==> flow/design.v <==
module alu_selector (clk, i_rst_n, data_i, choose_i, z_o_o);
    parameter XLEN = 4;
    parameter NIN = 3;
    input clk;
    input i_rst_n;
    input [NIN*XLEN-1:0] data_i;
    input [NIN-1:0] choose_i;
    output reg [XLEN-1:0] z_o_o;
    reg [NIN*XLEN-1:0] data_ff;
    reg [NIN-1:0] choose_ff;
    reg [XLEN-1:0] val;
    integer t;
    always @* begin
        val = 0;
        for (t = NIN-1; t >= 0; t = t - 1)
            if (choose_ff[t]) val = data_ff[t*XLEN +: XLEN];
    end
    always @(posedge clk or negedge i_rst_n) begin
        if (~i_rst_n) begin
            data_ff <= 0;
            choose_ff <= 0;
            z_o_o <= 0;
        end else begin
            data_ff <= data_i;
            choose_ff <= choose_i;
            z_o_o <= val;
        end
    end
endmodule
Tool chain data of alu_selector

The steps from the RTL of alu_selector to its reports follow in flow order.
Line numbers count from 1 in the design file above.
Operators: Yosys type, input widths -> output width; for muxes data width and select width s.
The mark -- stands for no value.

Top: alu_selector
Clock: clk
Library: sky130hd
Timing corner: tt_025C_1v80

Word level

Yosys after proc, flatten, opt, wreduce and memory -nomap, before mapping. Enables and synchronous resets that opt folds into registers are not counted as muxes. Memory bits, and registers merged into a memory's read port (data or address), are not among the register bits. Print and check cells are not counted. Equal cells are merged and count once.

Cells after elaboration: 6
Output and inout port bits: 4
Register bits after elaboration: 19

Mux-type cells: 3

Operators with widths:

| kind   | number |
| $mux 4 | 3 |

Logic depth

Yosys ltp: most cells in a row. Word level: on the elaborated netlist, between registers, memories and ports. Mapped: between sequential cells and ports; inverters and the memories' decode and read muxes count.

Depth after elaboration: 3
ABC_AREA: 0
Depth in mapped cells: 2
Mapped depth without buffers: 2

After synthesis

Source: synth_stat.txt of the flow (Yosys; design flattened, memories mapped). It holds for the ABC_AREA given above (unset counts as 0); a run with the other value may have another netlist.
Totals and module areas in this step are rounded.

Flip-flop cells: 19
Mapped cells: 35
Buffer cells: 0
Mapped area: 590 µm²
Sequential area: 480 µm²

Cells by type:

| cell                      | number |
| sky130_fd_sc_hd__dfrtp_1  | 19 |
| sky130_fd_sc_hd__nand3b_1 | 4 |
| sky130_fd_sc_hd__a21oi_2  | 3 |
| sky130_fd_sc_hd__a21oi_1  | 5 |
| sky130_fd_sc_hd__and2b_1  | 3 |
| sky130_fd_sc_hd__nor2b_1  | 1 |

Path before layout

Path of least setup slack by OpenSTA after synthesis, without wires, with an ideal clock, recovery checks aside; 20% of the period is set as input and as output delay. Where synthesis merged equal registers, the netlist keeps one of their names.

Kind: register -> register
From: reg (name not given)
To: reg z_o_o[1]
Data arrival time: 646 ps
Slack: 193 ps
Time at the first pin: 0 ps
Stages on the path: 3
Path delay: 768 ps
Period: 960 ps
Setup time: 122 ps
Required time: 838 ps
Synthesis period reached: 767 ps

"path delay" is the arrival time less input delay plus setup time.
"stages on the path": output pins that drive a net of the path, with the launching flip-flop's if there is one; two outputs of one cell count as two.
"synthesis period reached" = period - worst setup slack (recovery checks aside). The figure is calculated, with input and output delays left at 20% of the set period.
The rows between start and end are the longest chain of elaborated cells between them; the timing report does not say that the signal goes this way. Where chains are equally long, one stands for them.
A line is the first line of the expression or statement that the cell stems from. Yosys adds cells for indexed reads and writes and turns some case tables into memories.

Path through: sky130_fd_sc_hd__dfrtp_1 sky130_fd_sc_hd__a21oi_1 sky130_fd_sc_hd__a21oi_2
Cells in the longest elaborated chain: 2
Elaborated cells between the ends (all ways): 2
RTL lines with such cells: 1
Classes of those cells: 2 x mux

RTL lines, path after synthesis:

| element             | line | RTL |
| from (decl)         | 10   |  |
| from (assign)       | 21   |  |
| from (assign)       | 25   |  |
| $mux 4 (2 in a row) | 16   |  |
| to (assign)         | 22   | `z_o_o <= 0;` |
| to (assign)         | 26   | `z_o_o <= val;` |
| to (decl)           | 8    | `output reg [XLEN-1:0] z_o_o;` |

Timing after layout

From the final timing report of entry A: the path of least setup slack in the routed layout; clock arrival at registers is part of the times.
The path's times are printed in steps of 10 ps; the period is the one set.

Kind: register -> output
From: reg z_o_o[3]
To: out z_o_o[3]
External output delay: 100 ps
Required time: 400 ps
Slack: -430 ps
Time at the first pin: 310 ps
Stages on the path: 2
Period: 499 ps
Data arrival time: 830 ps

Path through: sky130_fd_sc_hd__dfrtp_1 sky130_fd_sc_hd__buf_2
Cells in the longest elaborated chain: 0
Elaborated cells between the ends (all ways): 0
RTL lines with such cells: 0

RTL lines, path after layout:

| element       | line | RTL |
| from (decl)   | 8    | `output reg [XLEN-1:0] z_o_o;` |
| from (assign) | 22   | `z_o_o <= 0;` |
| from (assign) | 26   | `z_o_o <= val;` |
| to (decl)     | 8    |  |

# Flow runs of alu_selector

Record of 3 stored runs of the RTL-to-layout flow on alu_selector, platform sky130hd. The runs are unordered. Constraints: input delay and output delay 20% of the set period each, output load 0.01 pF.
By "clock period reached" is meant the clock period of the run minus its worst setup slack. This is arithmetic on one report: input and output delays are still those of the set period (20% each).
By "worst path time" is meant the share of the clock period that the worst setup path is allowed (20% is reserved at inputs, 20% at outputs), minus its slack. Clock arrival times at its registers enter into it.
By "power consumption" is meant OpenSTA's value without simulated activity: inputs other than the clock are taken to toggle once in ten clock periods, and the tool carries that through the logic.
"worst path time" is known to 10 ps.
The measured numbers are rounded.

## Entry A

==> flow/run.sh <==
#!/bin/bash
# the make line also repeats the synthesis and layout settings of config.mk as NAME=value (left out here)
make -C /OpenROAD-flow-scripts/flow DESIGN_CONFIG=/design/flow/config.mk WORK_HOME=/design/flow/orfs CLKGATE_MAP_FILE= finish
==> flow/config.mk <==
export PLATFORM = sky130hd
export DESIGN_NAME = alu_selector
export DESIGN_NICKNAME = alu_selector
export VERILOG_FILES = /design/flow/design.v
export SDC_FILE = /design/flow/constraint.sdc
export NUM_CORES = 4
export LEC_CHECK = 0
export CAP_MARGIN = 20
export CELL_PAD_IN_SITES_DETAIL_PLACEMENT = 2
export CORE_MARGIN = 2
export CORE_UTILIZATION = 25
export CTS_CLUSTER_DIAMETER = 98
export CTS_CLUSTER_SIZE = 17
export GPL_ROUTABILITY_DRIVEN = 0
export PLACE_DENSITY_LB_ADDON = 0.21
export SETUP_SLACK_MARGIN = 0.03
export SLEW_MARGIN = 5
export TNS_END_PERCENT = 25
==> flow/constraint.sdc <==
create_clock -name core_clock -period 0.499 [get_ports {clk}]
set_input_delay 0.0998 -clock core_clock [delete_from_list [all_inputs] [get_ports {clk}]]
set_output_delay 0.0998 -clock core_clock [all_outputs]
set_load 0.01 [all_outputs]

| result of entry A | value |
|---|---|
| worst path time | 830 ps |
| worst setup path type | register -> output |
| area of the synthesized netlist | 590 µm² |
| power consumption | 2.7 mW |
| standard-cell area after routing | 860 µm² |
| worst setup slack after layout | -430 ps |
| summed negative setup slack | -3000 ps |
| post-route utilization | 39% |
| clock period reached | 926 ps |
| overall die area | 2700 µm² |

## Entry B

==> flow/run.sh <==
#!/bin/bash
# the make line also repeats the synthesis and layout settings of config.mk as NAME=value (left out here)
make -C /OpenROAD-flow-scripts/flow DESIGN_CONFIG=/design/flow/config.mk WORK_HOME=/design/flow/orfs CLKGATE_MAP_FILE= finish
==> flow/config.mk <==
export PLATFORM = sky130hd
export DESIGN_NAME = alu_selector
export DESIGN_NICKNAME = alu_selector
export VERILOG_FILES = /design/flow/design.v
export SDC_FILE = /design/flow/constraint.sdc
export NUM_CORES = 4
export LEC_CHECK = 0
export CAP_MARGIN = 25
export CELL_PAD_IN_SITES_DETAIL_PLACEMENT = 1
export CELL_PAD_IN_SITES_GLOBAL_PLACEMENT = 2
export CORE_MARGIN = 2
export CORE_UTILIZATION = 51
export CTS_CLUSTER_DIAMETER = 41
export PLACE_DENSITY = 0.76
export SETUP_SLACK_MARGIN = 0.05
export SLEW_MARGIN = 20
==> flow/constraint.sdc <==
create_clock -name core_clock -period 0.563 [get_ports {clk}]
set_input_delay 0.1126 -clock core_clock [delete_from_list [all_inputs] [get_ports {clk}]]
set_output_delay 0.1126 -clock core_clock [all_outputs]
set_load 0.01 [all_outputs]

Entry B: did not finish, placement stopped with GPL-0301

## Entry C

==> flow/run.sh <==
#!/bin/bash
# the make line also repeats the synthesis and layout settings of config.mk as NAME=value (left out here)
make -C /OpenROAD-flow-scripts/flow DESIGN_CONFIG=/design/flow/config.mk WORK_HOME=/design/flow/orfs CLKGATE_MAP_FILE= finish
==> flow/config.mk <==
export PLATFORM = sky130hd
export DESIGN_NAME = alu_selector
export DESIGN_NICKNAME = alu_selector
export VERILOG_FILES = /design/flow/design.v
export SDC_FILE = /design/flow/constraint.sdc
export NUM_CORES = 4
export LEC_CHECK = 0
export CAP_MARGIN = 20
export CORE_MARGIN = 2
export CORE_UTILIZATION = 40
export SLEW_MARGIN = 20
==> flow/constraint.sdc <==
create_clock -name core_clock -period 0.96 [get_ports {clk}]
set_input_delay 0.1920 -clock core_clock [delete_from_list [all_inputs] [get_ports {clk}]]
set_output_delay 0.1920 -clock core_clock [all_outputs]
set_load 0.01 [all_outputs]

| result of entry C | value |
|---|---|
| summed negative setup slack | -110 ps |
| area of the synthesized netlist | 590 µm² |
| post-route utilization | 63% |
| overall die area | 1800 µm² |
| standard-cell area after routing | 840 µm² |
| worst setup slack after layout | -28 ps |
| power consumption | 1.4 mW |
| clock period reached | 988 ps |
| worst path time | 800 ps |
| worst setup path type | register -> output |
